==> flow/design.v <==
module dp_barrel #(
    parameter integer WD = 24,
    parameter integer SEL_WIDTH = $clog2(WD)
) (
    input wire clk,
    input wire [WD-1:0] src_in,
    input wire [SEL_WIDTH-1:0] by_in,
    output reg [WD-1:0] y_out
);
    wire [WD-1:0] lvl [0:SEL_WIDTH];
    assign lvl[0] = src_in;
    genvar k;
    generate
        for (k = 0; k < SEL_WIDTH; k = k + 1) begin : each
            assign lvl[k+1] = by_in[k] ? (lvl[k] >> (1 << k)) | (lvl[k] << (WD - (1 << k))) : lvl[k];
        end
    endgenerate
    always @(posedge clk) begin
        y_out <= lvl[SEL_WIDTH];
    end
endmodule
* From RTL to reports: dp_barrel
The steps from the RTL of dp_barrel to its reports follow in flow order.
Line numbers count from 1 in the design file above.
Library cell names are shortened.
The mark n/a stands for no value.
- Top module :: dp_barrel
- Clock port :: clk
- Standard-cell library :: sky130hd
- Timing corner :: tt_025C_1v80

* Word-level counts
Counts by Yosys on the flattened word-level netlist (proc, flatten, opt, wreduce; memories kept). Register bits leave out memories and registers merged into their read ports (data or address); mux counts leave out enables and synchronous resets folded into registers. Print and check cells are left out. Cells with the same type and inputs are merged into one.
- Muxes and demuxes :: 5
- Bitwise operators :: 5
** Operators by type and width (count)
- two-way mux 24 bit :: 5
- bitwise OR 16 x 24 -> 24 bit :: 1
- bitwise OR 20 x 24 -> 24 bit :: 1
- bitwise OR 22 x 24 -> 24 bit :: 1
- bitwise OR 23 x 24 -> 24 bit :: 1
- bitwise OR 8 x 24 -> 24 bit :: 1
- Register bits after elaboration :: 24
- Bits of input ports :: 30
- Output and inout bits :: 24
- Word-level cells :: 11

* Logic depth
Longest topological path by Yosys (ltp), each cell counted once; first at word level (registers and memories cut), then after technology mapping (sequential cells cut; the memories' decode and read muxes count).
- Word-level depth :: 10
- ABC_AREA :: 0
- Mapped depth :: 5
- Mapped depth without buffers :: 3

* Synthesis result
Source: synth_stat.txt of the flow (Yosys; design flattened, memories mapped). It holds for the ABC_AREA given above (unset counts as 0); a run with the other value may have another netlist.
- Cell count :: 111
- Chip area (Yosys) :: 2075.7 µm²
- Sequential part of the area :: 480.5 µm²
- Flip-flops :: 24
** Cell types (count)
- mux4_1 :: 44
- dfxtp_1 :: 24
- mux2_2 :: 24
- mux4_2 :: 4
- clkbuf_1 :: 10
- buf_6 :: 3
- buf_1 :: 2

* Worst setup path after synthesis
Source: OpenSTA report_checks on the synthesized netlist (no wires, ideal clock, input and output delay 20% of the period each), path of least setup slack; recovery checks are left aside. Register names are those of the netlist, which keeps one name where synthesis merged equal registers.
- Kind :: in2reg
- From :: input by_in[2]
- To :: register y_out[17]
- Period :: 2760 ps
- Input delay :: 552 ps
- Setup time :: 121 ps
- Arrival :: 2198 ps
- Slack :: 441 ps
- Path delay :: 1767 ps
- Stages on the path :: 5
- Synthesis period reached :: 2319 ps
"path delay" is the arrival time less input delay plus setup time.
"stages on the path": output pins that drive a net of the path, with the launching flip-flop's if there is one; two outputs of one cell count as two.
"synthesis period reached" is the clock period less the worst setup slack; recovery checks do not enter. This is arithmetic on one report: input and output delays are still those of the set period (20% each).
Between the ends stands the longest chain of elaborated cells between them, by number of cells; it is not shown to be the way that was timed. Of several equally long chains one is given.
A line is the first line of the expression or statement that the cell stems from. Yosys adds cells for indexed reads and writes and turns some case tables into memories.
- Cells stage by stage :: clkbuf_1 -> clkbuf_1 -> mux4_2 -> mux4_1 -> mux2_2
- Length of the longest elaborated chain :: 5
- Elaborated cells between the ends (all ways) :: 5
- Source lines of those cells :: 1
** Ends and longest elaborated chain, post-synthesis
- start, declared :: line 7 : input wire [SEL_WIDTH-1:0] by_in,
- two-way mux 24 bit :: line 15 : assign lvl[k+1] = by_in[k] ? (lvl[k] >> (1 << k)) | (lvl[k] << (WD - (1 << k))) : lvl[k];
- bitwise OR 16 x 24 -> 24 bit :: line 15
- two-way mux 24 bit :: line 15
- bitwise OR 8 x 24 -> 24 bit :: line 15
- two-way mux 24 bit :: line 15
- end, assigned :: line 19 : y_out <= lvl[SEL_WIDTH];
- end, declared :: line 8 : output reg [WD-1:0] y_out

* Path in the finished layout
From the final timing report of flow run A: the path of least setup slack in the routed layout; clock arrival at registers is part of the times.
The report prints the path's times to 10 ps; the period is as set.
- Kind :: in2reg
- From :: input by_in[0]
- To :: register y_out[10]
- Period :: 2760 ps
- Input delay :: 550 ps
- Setup time :: 110 ps
- Arrival :: 2800 ps
- Slack :: 100 ps
- Stages on the path :: 5
Between the ends stands the longest chain of elaborated cells between them, by number of cells; it is not shown to be the way that was timed. Of several equally long chains one is given.
- Cells stage by stage :: clkdlybuf4s50_1 -> buf_12 -> mux4_1 -> mux4_1 -> mux2_2
- Length of the longest elaborated chain :: 9
- Elaborated cells between the ends (all ways) :: 9
- Source lines of those cells :: 1
** Ends and longest elaborated chain, post-layout
- start, declared :: line 7 : input wire [SEL_WIDTH-1:0] by_in,
- two-way mux 24 bit :: line 15 : assign lvl[k+1] = by_in[k] ? (lvl[k] >> (1 << k)) | (lvl[k] << (WD - (1 << k))) : lvl[k];
- bitwise OR 22 x 24 -> 24 bit :: line 15
- two-way mux 24 bit :: line 15
- bitwise OR 20 x 24 -> 24 bit :: line 15
- two-way mux 24 bit :: line 15
- bitwise OR 16 x 24 -> 24 bit :: line 15
- two-way mux 24 bit :: line 15
- bitwise OR 8 x 24 -> 24 bit :: line 15
- two-way mux 24 bit :: line 15
- end, assigned :: line 19 : y_out <= lvl[SEL_WIDTH];
- end, declared :: line 8 : output reg [WD-1:0] y_out

==> results <==
Stored flow runs of dp_barrel (3 of them; Yosys, OpenROAD, sky130hd). They differ in their settings and are not a sequence. Constraints: input delay and output delay 20% of the set period each, output load 0.01 pF.
"time used up by the worst setup path": the worst setup path's part of the clock period (all of it between registers, 20% less for each end at a port) less its slack. A launch clock that arrives late makes it longer, a capture clock that arrives late makes it shorter.
"total power of the final layout" is the tool's figure for a default switching activity; nothing was simulated.
"time used up by the worst setup path" is given in steps of 10 ps.

** Flow run A
- Settings :: period_ns=2.76; CAP_MARGIN=20; CORE_MARGIN=2; CORE_UTILIZATION=40; SLEW_MARGIN=20
- Area inside the die boundary :: 5781.3 µm²
- Total power of the final layout :: 1136 uW
- Worst hold slack in the final report :: 1210 ps
- Chip area in the Yosys report :: 2075.7 µm²
- Time used up by the worst setup path :: 2100 ps
- Worst setup path kind :: in2reg
- Post-layout utilization :: 54.1%
- Setup slack of the worst path :: 103 ps

** Flow run B
- Settings :: period_ns=3.17; CORE_UTILIZATION=29; PLACE_DENSITY=0.48; CORE_ASPECT_RATIO=1.97; CORE_MARGIN=3; CELL_PAD_IN_SITES_GLOBAL_PLACEMENT=0; ABC_AREA=1; GPL_ROUTABILITY_DRIVEN=0; CAP_MARGIN=30; MAX_ROUTING_LAYER=met5; SLEW_MARGIN=20
- Area inside the die boundary :: 10410.4 µm²
- Total power of the final layout :: 1095 uW
- Worst hold slack in the final report :: 1193 ps
- Chip area in the Yosys report :: 2656.3 µm²
- Time used up by the worst setup path :: 1420 ps
- Worst setup path kind :: in2reg
- Post-layout utilization :: 36.6%
- Setup slack of the worst path :: 1113 ps

** Flow run C
- Settings :: period_ns=2.78; CORE_UTILIZATION=44; SETUP_SLACK_MARGIN=0.07; PLACE_DENSITY=0.74; CORE_ASPECT_RATIO=1.96; CELL_PAD_IN_SITES_GLOBAL_PLACEMENT=0; ABC_AREA=1; CTS_CLUSTER_SIZE=38; CTS_CLUSTER_DIAMETER=182; CAP_MARGIN=0; MIN_ROUTING_LAYER=met1; CORE_MARGIN=2; SLEW_MARGIN=20
- Area inside the die boundary :: 6710.1 µm²
- Total power of the final layout :: 1244 uW
- Worst hold slack in the final report :: 1138 ps
- Chip area in the Yosys report :: 2656.3 µm²
- Time used up by the worst setup path :: 1410 ps
- Worst setup path kind :: in2reg
- Post-layout utilization :: 54.5%
- Setup slack of the worst path :: 809 ps
